==> flow/design.v <==
module sync_mag_cmp_n #(
    parameter DATA_WIDTH = 112
) (
    input  sys_clk,
    input  [DATA_WIDTH-1:0] A,
    input  [DATA_WIDTH-1:0] B,
    output gt,
    output eq
);
    reg [DATA_WIDTH-1:0] A_reg;
    always @(posedge sys_clk)
        A_reg <= A;
    reg [DATA_WIDTH-1:0] B_reg;
    always @(posedge sys_clk)
        B_reg <= B;
    localparam GROUPS = DATA_WIDTH / 4;
    wire [GROUPS:0] g;
    wire [GROUPS:0] e;
    assign g[0] = 1'b0;
    assign e[0] = 1'b1;
    genvar i;
    generate
        for (i = 0; i < GROUPS; i = i + 1) begin : row
            sync_mag_cmp_n_nib_cmp i_sub (.a(A_reg[4*i +: 4]), .b(B_reg[4*i +: 4]), .gi(g[i]), .ei(e[i]), .go(g[i+1]), .eo(e[i+1]));
        end
    endgenerate
    assign gt = g[GROUPS];
    assign eq = e[GROUPS];
endmodule
module sync_mag_cmp_n_nib_cmp (
    input wire [3:0] a,
    input wire [3:0] b,
    input wire gi,
    input wire ei,
    output wire go,
    output wire eo
);
    assign go = (a > b) | ((a == b) & gi);
    assign eo = (a == b) & ei;
endmodule
[Reports on sync_mag_cmp_n]
The steps from the RTL of sync_mag_cmp_n to its reports follow in flow order.
Line numbers count from 1 in the design file above.
A cell with - has no value.
Inputs
  top: sync_mag_cmp_n
  clock input: sys_clk
  cell library: sky130hd
  library corner: tt_025C_1v80

[Word-level counts]
Source: Yosys, flattened and elaborated, memories not mapped. Widths are those after wreduce; folded enables and synchronous resets count as part of the registers. Registers that Yosys merges into a memory's read port (data or address) are not register bits. Print and check cells do not count. Equal cells are merged and count once.
Storage and ports
  input port bits: 225
  output and inout port bits: 2
  cells after elaboration: 139
  register bits after elaboration: 224
Operators by class
  magnitude comparators: 28
  bitwise gates (word level): 81
  equal/unequal tests: 28
Operator list (count)
  > comparator 4 bit: 28
  == test 4 bit: 28
  bitwise AND 1 bit: 54
  OR 1 bit: 27

[Logic depth]
Depth = most cells in a row (Yosys ltp): at word level without a register or memory, in the mapped netlist without a sequential cell, where the memories' decode and read muxes count.
Depth
  word-level depth: 55
  ABC_AREA: 0
  gate-level depth with buffers: 10
  gate-level depth less buffers: 10

[After synthesis]
Source: synth_stat.txt of the flow (Yosys; design flattened, memories mapped). It holds for the ABC_AREA given above (unset counts as 0); a run with the other value may have another netlist.
Cells by type
  sky130_fd_sc_hd__dfxtp_1: count 224, area in all 4.48E+03 um2
  sky130_fd_sc_hd__ha_1: count 112, area in all 1.4E+03 um2
  sky130_fd_sc_hd__inv_1: count 124, area in all 465.446 um2
  sky130_fd_sc_hd__nand4_1: count 28, area in all 175.168 um2
  sky130_fd_sc_hd__a21oi_1: count 28, area in all 140.134 um2
  sky130_fd_sc_hd__a21o_1: count 16, area in all 120.115 um2
  sky130_fd_sc_hd__o21a_1: count 11, area in all 82.579 um2
  sky130_fd_sc_hd__nor2b_1: count 10, area in all 62.56 um2
  sky130_fd_sc_hd__o2111ai_1: count 7, area in all 61.309 um2
  sky130_fd_sc_hd__o21ai_0: count 12, area in all 60.058 um2
  sky130_fd_sc_hd__nand3_1: count 9, area in all 45.043 um2
  sky130_fd_sc_hd__nand2_1: count 11, area in all 41.29 um2
  sky130_fd_sc_hd__nand2b_1: count 6, area in all 37.536 um2
  sky130_fd_sc_hd__a31oi_1: count 5, area in all 31.28 um2
  sky130_fd_sc_hd__o211ai_1: count 4, area in all 30.029 um2
  sky130_fd_sc_hd__nor2_1: count 7, area in all 26.275 um2
  sky130_fd_sc_hd__nor3_1: count 5, area in all 25.024 um2
  sky130_fd_sc_hd__nor4_1: count 4, area in all 25.024 um2
Not listed: further types 16, cells in them 24.
Synthesis totals
  cell count: 647
  chip area (Yosys): 7523.5 um2
  area of sequential cells: 4484.3 um2
  flip-flop cells: 224
  buffers: 0
The figures by module come from a second, unflattened synthesis with its own total; it is not the netlist above.
Unflattened totals
  cells (unflattened synthesis): 674
  area (unflattened synthesis): 7504.7 um2
Rows give one instance, submodules left out.
By module
  sync_mag_cmp_n: times used 1, area 4491.8 um2, sequential area 4484.3 um2, cells 226
  sync_mag_cmp_n_nib_cmp: times used 28, area 107.6 um2, sequential area 0.0 um2, cells 16

[Worst setup path after synthesis]
Source: OpenSTA report_checks on the synthesized netlist (no wires, ideal clock, input and output delay 20% of the period each), path of least setup slack; recovery checks are left aside. Register names are those of the netlist, which keeps one name where synthesis merged equal registers.
Timing post-synthesis
  path type: register to output
  start point: register B_reg[42]
  end point: output port gt
  stages on the path: 11
  period: 2810 ps
  data required time: 2248 ps
  slack: 449 ps
  launch time at the first pin: 0 ps
  external output delay: 562 ps
  data arrival time: 1799 ps
  path delay: 1799 ps
  path buffers: 0
  synthesis period reached: 2361 ps
"path delay" = arrival - input delay + setup time.
A path that ends at an output port has no setup time.
"stages on the path" counts driving pins, that of a launching flip-flop among them; a cell with two outputs on the path counts twice.
"synthesis period reached" is the clock period less the worst setup slack; recovery checks do not enter. This is arithmetic on one report: input and output delays are still those of the set period (20% each).
The rows between start and end are the longest chain of elaborated cells between them; the timing report does not say that the signal goes this way. Where chains are equally long, one stands for them.
A line is the first line of the expression or statement that the cell stems from. Yosys adds cells for indexed reads and writes and turns some case tables into memories.
On the way, post-synthesis
  cells stage by stage: sky130_fd_sc_hd__dfxtp_1 -> sky130_fd_sc_hd__inv_1 -> sky130_fd_sc_hd__ha_1 -> sky130_fd_sc_hd__a21oi_1 -> sky130_fd_sc_hd__o21ai_4 -> sky130_fd_sc_hd__a31oi_1 -> sky130_fd_sc_hd__nor3_1 -> sky130_fd_sc_hd__o31ai_2 -> sky130_fd_sc_hd__o211ai_1 -> sky130_fd_sc_hd__a311oi_1 -> sky130_fd_sc_hd__o21ai_1
  cells in the longest elaborated chain: 37
  elaborated cells between the ends (all ways): 38
  those cells by class: compare: 1; eq/ne: 1; logic: 36
RTL lines, path post-synthesis
  start: declaration: RTL line 13  | reg [DATA_WIDTH-1:0] B_reg;
  start: assignment: RTL line 15  | B_reg <= B;
  == test 4 bit: RTL line 38  | assign go = (a > b) | ((a == b) & gi);
  bitwise AND 1 bit: RTL line 38
  OR 1 bit: RTL line 38
  bitwise AND 1 bit: RTL line 38
  OR 1 bit: RTL line 38
  bitwise AND 1 bit: RTL line 38
  OR 1 bit: RTL line 38
  (+23 left out)
  OR 1 bit: RTL line 38
  bitwise AND 1 bit: RTL line 38
  OR 1 bit: RTL line 38
  bitwise AND 1 bit: RTL line 38
  OR 1 bit: RTL line 38
  bitwise AND 1 bit: RTL line 38
  OR 1 bit: RTL line 38
  end: declaration: RTL line 7  | output gt,

[Path in the finished layout]
From the final timing report of flow run A: the path of least setup slack in the routed layout; clock arrival at registers is part of the times.
The path's times are printed in steps of 10 ps; the period is the one set.
Timing post-layout
  path type: register to output
  start point: register B_reg[46]
  end point: output port gt
  slack: -350 ps
  external output delay: 560 ps
  period: 2810 ps
  data required time: 2250 ps
  data arrival time: 2600 ps
  path buffers: 1
  launch time at the first pin: 520 ps
  stages on the path: 12
The rows between start and end are the longest chain of elaborated cells between them; the timing report does not say that the signal goes this way. Where chains are equally long, one stands for them.
On the way, post-layout
  cells stage by stage: sky130_fd_sc_hd__dfxtp_2 -> sky130_fd_sc_hd__inv_2 -> sky130_fd_sc_hd__ha_4 -> sky130_fd_sc_hd__nand4_1 -> sky130_fd_sc_hd__a21o_1 -> sky130_fd_sc_hd__a31oi_2 -> sky130_fd_sc_hd__nor3_2 -> sky130_fd_sc_hd__o31ai_2 -> sky130_fd_sc_hd__o211ai_1 -> sky130_fd_sc_hd__a311oi_2 -> sky130_fd_sc_hd__o21ai_1 -> sky130_fd_sc_hd__buf_2
  cells in the longest elaborated chain: 35
  elaborated cells between the ends (all ways): 36
  those cells by class: compare: 1; eq/ne: 1; logic: 34
RTL lines, path post-layout
  start: declaration: RTL line 13  | reg [DATA_WIDTH-1:0] B_reg;
  start: assignment: RTL line 15  | B_reg <= B;
  == test 4 bit: RTL line 38  | assign go = (a > b) | ((a == b) & gi);
  bitwise AND 1 bit: RTL line 38
  OR 1 bit: RTL line 38
  bitwise AND 1 bit: RTL line 38
  OR 1 bit: RTL line 38
  bitwise AND 1 bit: RTL line 38
  OR 1 bit: RTL line 38
  (+21 left out)
  OR 1 bit: RTL line 38
  bitwise AND 1 bit: RTL line 38
  OR 1 bit: RTL line 38
  bitwise AND 1 bit: RTL line 38
  OR 1 bit: RTL line 38
  bitwise AND 1 bit: RTL line 38
  OR 1 bit: RTL line 38
  end: declaration: RTL line 7  | output gt,

--- measured runs ---
Top module sync_mag_cmp_n; platform sky130hd; tools Yosys and OpenROAD; 3 stored runs in no particular order. Input and output delays are each 20% of the period that was set; the output load is 0.01 pF.
"achieved clock period": clock period set for the run, less the worst setup slack. It is reckoned from that one timing run; input and output delays stay at 20% of the period that was set.
"worst setup path time" means the part of the period allowed to the worst setup path (the constraints hold back 20% at inputs and 20% at outputs) less its slack; where the path has registers, the arrival times of their clocks count too.
"power": no workload was simulated; the value follows from the tool's default switching activity.
"worst setup path time" is given in steps of 10 ps.
[flow run A] settings: period_ns=2.81, CAP_MARGIN=20, CORE_MARGIN=2, CORE_UTILIZATION=40, SLEW_MARGIN=20
[flow run A] result: chip area after synthesis (Yosys) 7523.5 um2, die area 19921.9 um2, standard-cell area of the final layout 11478.5 um2, utilization 61.8%, worst setup slack after layout -353 ps, total negative slack -454 ps, worst hold slack 481 ps, power 7582 µW, achieved clock period 3163 ps, worst setup path time 2600 ps, worst setup path kind register to output
[flow run B] settings: period_ns=2.16, CORE_UTILIZATION=20, SETUP_SLACK_MARGIN=0.55, PLACE_DENSITY=0.77, CORE_ASPECT_RATIO=0.63, CELL_PAD_IN_SITES_GLOBAL_PLACEMENT=0, TNS_END_PERCENT=55, ABC_AREA=0, CTS_CLUSTER_DIAMETER=88, SLEW_MARGIN=25, CAP_MARGIN=20, CORE_MARGIN=2
[flow run B] result: chip area after synthesis (Yosys) 7523.5 um2, die area 39226.4 um2, standard-cell area of the final layout 11923.9 um2, utilization 32.1%, worst setup slack after layout -864 ps, total negative slack -1574 ps, worst hold slack 338 ps, power 9879 µW, achieved clock period 3024 ps, worst setup path time 2590 ps, worst setup path kind register to output
[flow run C] settings: period_ns=2.84, CORE_UTILIZATION=37, PLACE_DENSITY_LB_ADDON=0.03, CORE_ASPECT_RATIO=0.65, CORE_MARGIN=2, CELL_PAD_IN_SITES_DETAIL_PLACEMENT=0, GPL_TIMING_DRIVEN=0, CTS_CLUSTER_DIAMETER=359, CAP_MARGIN=25, SLEW_MARGIN=20
[flow run C] result: chip area after synthesis (Yosys) 7523.5 um2, die area 21517.2 um2, standard-cell area of the final layout 11329.6 um2, utilization 56.3%, worst setup slack after layout -234 ps, total negative slack -234 ps, worst hold slack 507 ps, power 7135 µW, achieved clock period 3074 ps, worst setup path time 2510 ps, worst setup path kind register to output
--- end ---
